==> flow/design.v <==
module dp_sub_unit_mod #(
  parameter integer W = 80
) (
  input wire clk,
  input wire clr,
  input wire [W-1:0] u_i,
  input wire [W-1:0] v_i,
  output reg [W:0] res_o,
  output reg [W:0] diff_o
);
  always @(posedge clk) begin
    if (clr) begin
      res_o <= 0;
      diff_o <= 0;
    end else begin
      res_o <= u_i + v_i;
      diff_o <= u_i - v_i;
    end
  end
endmodule
Reports on dp_sub_unit_mod
The steps from the RTL of dp_sub_unit_mod to its reports follow in flow order.
Lines are those of the file above, counted from 1.
Operators: Yosys type, input widths -> output width; for muxes data width and select width s.
Cell names lack the library's common part.
{ "inputs": {"top": "dp_sub_unit_mod", "clock": "clk", "cell_library": "sky130hd", "pvt_corner": "tt_025C_1v80"} }

Word-level counts
Counts by Yosys on the flattened word-level netlist (proc, flatten, opt, wreduce; memories kept). Register bits leave out memories and registers merged into their read ports (data or address); mux counts leave out enables and synchronous resets folded into registers. Print and check cells are left out. Cells with the same type and inputs are merged into one.
{ "bits": {"regBits": 162, "latchBits": 0, "mem_bits_rw": 0, "romBits": 0, "clocked_rd_ports_x_width": 0, "memories": 0, "out_inout_bits": 162, "wordCells": 4} }
{ "classes": {"n_addsub": 2, "multipliers": 0, "div": 0, "compare": 0, "equal": 0, "shifts": 0, "mux": 0, "bitwise": 0, "n_reduce_logical": 0} }
{ "ops": {"columns": ["cell", "n"], "rows": [
  ["$add 80x80->81", 1],
  ["$sub 80x80->81", 1]
]} }

Depth
Longest topological path by Yosys (ltp), each cell counted once; first at word level (registers and memories cut), then after technology mapping (sequential cells cut; the memories' decode and read muxes count).
{ "depth": {"ltp_word": 1, "abc_area": 0, "ltp_mapped": 14, "ltp_nobuf": 13} }

Mapped cells and area
The flow's flattened synthesis, as Yosys stat reports it; memories are mapped. The netlist is that of the ABC_AREA named above (0 if unset); the other value can give another one.
{ "synth_totals": {"cells": 1969, "mapped_area_um2": 14378.8, "ff_cells": 161, "buf_cells": 95} }
{ "types": {"columns": ["cell", "n"], "rows": [
  ["dfxtp_1", 161],
  ["ha_1", 160],
  ["a21oi_1", 235],
  ["nor2_1", 273],
  ["xnor2_1", 113],
  ["inv_1", 172],
  ["o21ai_0", 98],
  ["o21bai_1", 64],
  ["nand2_1", 95],
  ["clkbuf_1", 71],
  ["nand4_1", 42],
  ["nor4_1", 37],
  ["o31ai_1", 30],
  ["a21o_1", 29],
  ["nor3_1", 40],
  ["nor2b_1", 29],
  ["a211oi_1", 20],
  ["nand3_1", 30]
]} }
Other cell types: 58; their cells: 270.

Worst setup path after synthesis
OpenSTA on the mapped netlist: ideal clock, no wires. The path of least setup slack (recovery checks aside). Input and output delay are each 20% of the period. Register names are those of the netlist, which keeps one name where synthesis merged equal registers.
{ "synth_timing": {"path_type": "input to register", "startpoint": "in u_i[0]", "endpoint": "reg diff_o[78]", "tclk_ns": 4.63, "in_delay_ns": 0.926, "setup_ns": 0.121, "launch_ns": 0.926, "arrival_ns": 3.766, "t_required_ns": 4.509, "setup_slack_ns": 0.743, "delay_ns": 2.961, "path_stages": 13, "n_path_buf": 0, "synth_period_reached_ns": 3.887} }
"delay_ns" = arrival - input delay + setup time.
"path_stages" counts driving pins, that of a launching flip-flop among them; a cell with two outputs on the path counts twice.
"synth_period_reached_ns" = period - worst setup slack (recovery checks aside). The figure is calculated, with input and output delays left at 20% of the set period.
The rows between start and end are the longest chain of elaborated cells between them; the timing report does not say that the signal goes this way. Where chains are equally long, one stands for them.
A line is the first line of the expression or statement that the cell stems from. Yosys adds cells for indexed reads and writes and turns some case tables into memories.
{ "synth_via": {"cell_sequence": "inv_1 -> ha_1 -> fa_1 -> nand2b_1 -> a21oi_1 -> o211ai_1 -> a211oi_1 -> a41o_1 -> a211oi_1 -> nor4_1 -> o211a_1 -> a41oi_1 -> mux2_2", "elab_chain_len": 1, "cells_between": 1, "classes_between": "1 x add/sub"} }
{ "synth_rtl": {"columns": ["element", "line_no", "text"], "rows": [
  ["start: declaration", 6, "input wire [W-1:0] u_i,"],
  ["$sub 80x80->81", 17, "diff_o <= u_i - v_i;"],
  ["end: assignment", 14, "diff_o <= 0;"],
  ["end: assignment", 17, null],
  ["end: declaration", 9, "output reg [W:0] diff_o"]
]} }

Path in the finished layout
Path of least setup slack in the final report of run 1 (OpenROAD, finished layout, wires in). Where an end is a register, its clock arrival counts in the times.
{ "layout_timing": {"path_type": "input to register", "startpoint": "in v_i[0]", "endpoint": "reg res_o[78]", "tclk_ns": 5.72, "in_delay_ns": 1.14, "setup_ns": 0.07, "launch_ns": 1.14, "arrival_ns": 5.46, "t_required_ns": 6.14, "setup_slack_ns": 0.68, "path_stages": 13, "n_path_buf": 1} }
The rows between start and end are the longest chain of elaborated cells between them; the timing report does not say that the signal goes this way. Where chains are equally long, one stands for them.
{ "layout_via": {"cell_sequence": "clkdlybuf4s50_1 -> ha_1 -> fa_1 -> nor2b_1 -> o211ai_1 -> a211oi_2 -> nor4b_2 -> nand4bb_1 -> a21oi_1 -> o31ai_1 -> a2111oi_0 -> or3_1 -> a21oi_1", "elab_chain_len": 1, "cells_between": 1, "classes_between": "1 x add/sub"} }
{ "layout_rtl": {"columns": ["element", "line_no", "text"], "rows": [
  ["start: declaration", 7, "input wire [W-1:0] v_i,"],
  ["$add 80x80->81", 16, "res_o <= u_i + v_i;"],
  ["end: assignment", 13, "res_o <= 0;"],
  ["end: assignment", 16, null],
  ["end: declaration", 8, "output reg [W:0] res_o,"]
]} }

==> results <==
Module dp_sub_unit_mod, platform sky130hd: 3 stored runs of the flow (Yosys, OpenROAD) with differing settings, in no particular order. Input and output delays are each 20% of the period that was set; the output load is 0.01 pF.
By "clock period reached" is meant the clock period of the run minus its worst setup slack. This is arithmetic on one report: input and output delays are still those of the set period (20% each).
"critical setup path time": the worst setup path's part of the clock period (all of it between registers, 20% less for each end at a port) less its slack. A launch clock that arrives late makes it longer, a capture clock that arrives late makes it shorter.
By "overall power" is meant OpenSTA's value without simulated activity: inputs other than the clock are taken to toggle once in ten clock periods, and the tool carries that through the logic.

==> run 1: settings <==
{ "period_ns": 5.72, "CORE_UTILIZATION": 33, "PLACE_DENSITY_LB_ADDON": 0.19, "CORE_ASPECT_RATIO": 1.04, "CELL_PAD_IN_SITES_DETAIL_PLACEMENT": 0, "GPL_TIMING_DRIVEN": 1, "GPL_ROUTABILITY_DRIVEN": 1, "CTS_CLUSTER_DIAMETER": 279, "CAP_MARGIN": 25, "SLEW_MARGIN": 0, "MIN_ROUTING_LAYER": "met1", "CORE_MARGIN": 2 }
==> run 1: results <==
standard-cell area of the final layout: 18743.0 sq um
die area: 45257.5 sq um
worst slack on setup checks: 0.681 ns
clock period reached: 5.039 ns
synthesis area: 14378.8 sq um
overall power: 4.555 mW
worst hold slack in the final report: 1.259 ns
critical setup path time: 3.90 ns
worst path kind: input to register
total negative slack: 0.000 ns
utilization: 43.8 %

==> run 2: settings <==
{ "period_ns": 4.63, "CAP_MARGIN": 20, "CORE_MARGIN": 2, "CORE_UTILIZATION": 40, "SLEW_MARGIN": 20 }
==> run 2: results <==
die area: 37479.0 sq um
clock period reached: 4.474 ns
synthesis area: 14378.8 sq um
standard-cell area of the final layout: 20199.4 sq um
overall power: 5.997 mW
worst hold slack in the final report: 1.005 ns
critical setup path time: 3.55 ns
worst path kind: input to register
utilization: 56.9 %
total negative slack: 0.000 ns
worst slack on setup checks: 0.156 ns

==> run 3: settings <==
{ "period_ns": 3.41, "CORE_UTILIZATION": 38, "PLACE_DENSITY": 0.89, "CORE_MARGIN": 4, "CELL_PAD_IN_SITES_DETAIL_PLACEMENT": 1, "TNS_END_PERCENT": 85, "CTS_CLUSTER_SIZE": 14, "MIN_ROUTING_LAYER": "met2", "CAP_MARGIN": 20, "SLEW_MARGIN": 20 }
==> run 3: results <==
unfinished; error DPL-0033 in clock tree synthesis
